==> flow/design.v <==
module mplex_top #(
   parameter BITS = 6,
   parameter NUM = 7,
   parameter LOGN = $clog2(NUM)
) (
   input i_clk,
   input RSTN,
   input [NUM*BITS-1:0] ch_i,
   input [LOGN-1:0] sel_i,
   output [BITS-1:0] y_o
);
   reg [NUM*BITS-1:0] ch_ff;
   reg [LOGN-1:0] sel_ff;
   always @(posedge i_clk) begin
      if (~RSTN) begin
         ch_ff <= 0;
         sel_ff <= 0;
      end else begin
         ch_ff <= ch_i;
         sel_ff <= sel_i;
      end
   end
   reg [BITS-1:0] tmp;
   integer idx;
   always @* begin
      tmp = 0;
      for (idx = 0; idx < NUM; idx = idx + 1)
         if (sel_ff == idx) tmp = ch_ff[idx*BITS +: BITS];
   end
   assign y_o = tmp;
endmodule
# Tool chain data of mplex_top
# The steps from the RTL of mplex_top to its reports follow in flow order.
# Lines are those of the file above, counted from 1.
# Not given: --
# setup
top,mplex_top
clock_port,i_clk
lib,sky130hd
lib_corner,tt_025C_1v80

# Word level
# Yosys after proc, flatten, opt, wreduce and memory -nomap, before mapping. Enables and synchronous resets that opt folds into registers are not counted as muxes. Memory bits, and registers merged into a memory's read port (data or address), are not among the register bits. Print and check cells are not counted. Equal cells are merged and count once.
# word_totals
ff_bits,45
input_bits,47
out_inout_bits,6
word_cells,16
# classes
eq_ne,6
muxes,7
n_reduce_logical,1
# op_table
cell,n
two-way mux 6 bit,7
equality test 3 bit (second input constant),3
equality test 3 x 2 -> 1 bit (second input constant),2
equality test 3 x 1 -> 1 bit (second input constant),1
zero test 3 bit,1

# Depth
# Yosys ltp: most cells in a row. Word level: on the elaborated netlist, between registers, memories and ports. Mapped: between sequential cells and ports; inverters and the memories' decode and read muxes count.
# logic_depth
word_depth,8
abc_area,0
depth_mapped,6
mapped_depth_nobuf,4

# Mapped cells and area
# Source: synth_stat.txt of the flow (Yosys; design flattened, memories mapped). It holds for the ABC_AREA given above (unset counts as 0); a run with the other value may have another netlist.
# Totals and module areas in this step are rounded.
# by_type
type,n,area_total_um2
sky130_fd_sc_hd__dfxtp_1,45,900.864
sky130_fd_sc_hd__and2_1,45,281.52
sky130_fd_sc_hd__mux2_2,6,67.565
sky130_fd_sc_hd__mux2i_1,6,60.058
sky130_fd_sc_hd__o2bb2ai_1,6,52.55
sky130_fd_sc_hd__o32ai_1,6,52.55
sky130_fd_sc_hd__a221oi_1,5,43.792
sky130_fd_sc_hd__nand2b_1,7,43.792
sky130_fd_sc_hd__a21oi_1,6,30.029
sky130_fd_sc_hd__buf_6,2,22.522
sky130_fd_sc_hd__nor2_1,6,22.522
sky130_fd_sc_hd__a221oi_2,1,15.014
sky130_fd_sc_hd__buf_2,3,15.014
sky130_fd_sc_hd__clkbuf_1,4,15.014
sky130_fd_sc_hd__buf_4,1,7.507
sky130_fd_sc_hd__and3_1,1,6.256
sky130_fd_sc_hd__nor2b_1,1,6.256
sky130_fd_sc_hd__inv_1,1,3.754
sky130_fd_sc_hd__nand2_1,1,3.754
# synth_totals
cells,153
area_um2,1650
seqArea_um2,901
ffs,45
n_buf,10

# Path before layout
# Path of least setup slack by OpenSTA after synthesis, without wires, with an ideal clock, recovery checks aside; 20% of the period is set as input and as output delay. Where synthesis merged equal registers, the netlist keeps one of their names.
# synth_path
path_kind,reg-to-output
start,register sel_ff[1]
end,output port y_o[4]
tclk_ps,1740
output_delay_ps,348
launch_ps,0
arrival_time_ps,1114
required_ps,1392
setup_slack_ps,278
path_delay_ps,1114
driving_pins,7
n_path_buf,2
period_less_setup_slack_ps,1462
# "path_delay_ps" is the arrival time less input delay plus setup time.
# At an output port there is no setup time.
# "driving_pins": output pins that drive a net of the path, with the launching flip-flop's if there is one; two outputs of one cell count as two.
# "period_less_setup_slack_ps" = period - worst setup slack (recovery checks aside). The figure is calculated, with input and output delays left at 20% of the set period.
# The rows between start and end are the longest chain of elaborated cells between them; the timing report does not say that the signal goes this way. Where chains are equally long, one stands for them.
# Each line given opens the expression or statement behind the cell; cells for indexed reads and writes are added by Yosys, which also makes memories of some case tables.
# synth_via
cell_sequence,sky130_fd_sc_hd__dfxtp_1 > sky130_fd_sc_hd__buf_6 > sky130_fd_sc_hd__buf_6 > sky130_fd_sc_hd__mux2i_1 > sky130_fd_sc_hd__o2bb2ai_1 > sky130_fd_sc_hd__a221oi_2 > sky130_fd_sc_hd__nor2_1
elab_chain_len,8
cone_cells,14
lines_between,1
cone_classes,eq/ne: 6; mux: 7; reduce/logical: 1
# synth_rtl
item,line_no,text
from (decl),13,reg [LOGN-1:0] sel_ff;
from (assign),17,sel_ff <= 0;
from (assign),20,sel_ff <= sel_i;
zero test 3 bit,28,if (sel_ff == idx) tmp = ch_ff[idx*BITS +: BITS];
two-way mux 6 bit x7,28,
to (decl),10,output [BITS-1:0] y_o

# Path in the finished layout
# From the final timing report of flow run 1: the path of least setup slack in the routed layout; clock arrival at registers is part of the times.
# The path's times are printed in steps of 10 ps; the period is the one set.
# layout_path
path_kind,reg-to-output
start,register sel_ff[1]
end,output port y_o[2]
tclk_ps,1690
output_delay_ps,340
launch_ps,360
arrival_time_ps,1700
required_ps,1350
setup_slack_ps,-340
driving_pins,7
n_path_buf,2
# The rows between start and end are the longest chain of elaborated cells between them; the timing report does not say that the signal goes this way. Where chains are equally long, one stands for them.
# layout_via
cell_sequence,sky130_fd_sc_hd__dfxtp_2 > sky130_fd_sc_hd__buf_8 > sky130_fd_sc_hd__mux2i_1 > sky130_fd_sc_hd__o2bb2ai_2 > sky130_fd_sc_hd__a221oi_2 > sky130_fd_sc_hd__nor2_1 > sky130_fd_sc_hd__buf_2
elab_chain_len,8
cone_cells,14
lines_between,1
cone_classes,eq/ne: 6; mux: 7; reduce/logical: 1
# layout_rtl
item,line_no,text
from (decl),13,reg [LOGN-1:0] sel_ff;
from (assign),17,sel_ff <= 0;
from (assign),20,sel_ff <= sel_i;
zero test 3 bit,28,if (sel_ff == idx) tmp = ch_ff[idx*BITS +: BITS];
two-way mux 6 bit x7,28,
to (decl),10,output [BITS-1:0] y_o

# Settings and measured results of 3 stored flow runs for module mplex_top (sky130hd), not sorted in any way. The constraints put input and output delay at 20% of the set period each and load the outputs with 0.01 pF.
# "critical_path_time_ps" = time allowed to the worst setup path (clock period - input delay - output delay, where it has them) - its slack; a late launch clock adds to it, a late capture clock takes from it.
# "critical_path_time_ps" is given in steps of 10 ps.
# Measured values are rounded.
# A setting shown as -- is not set for that run.
setting or result,flow run 1,flow run 2,flow run 3
period_ns,1.69,1.74,2.42
CORE_UTILIZATION,59,40,35
PLACE_DENSITY,0.4,--,--
HOLD_SLACK_MARGIN,0.24,--,--
GPL_TIMING_DRIVEN,1,--,0
GPL_ROUTABILITY_DRIVEN,0,--,1
SLEW_MARGIN,25,20,40
CAP_MARGIN,20,20,20
CORE_MARGIN,2,2,2
SETUP_SLACK_MARGIN,--,--,0.39
PLACE_DENSITY_LB_ADDON,--,--,0.16
CELL_PAD_IN_SITES_GLOBAL_PLACEMENT,--,--,2
CELL_PAD_IN_SITES_DETAIL_PLACEMENT,--,--,1
TNS_END_PERCENT,--,--,5
CTS_CLUSTER_DIAMETER,--,--,49
yosys.chip_area_um2,1650,1650,1650
die_area_um2,3240,4660,5280
final_util_pct,89.8,61.6,57.8
final_setup_ws_ps,-344,-160,243
critical_path_time_ps,1700,1550,1690
timing.worst_path_kind,reg-to-output,reg-to-output,reg-to-output
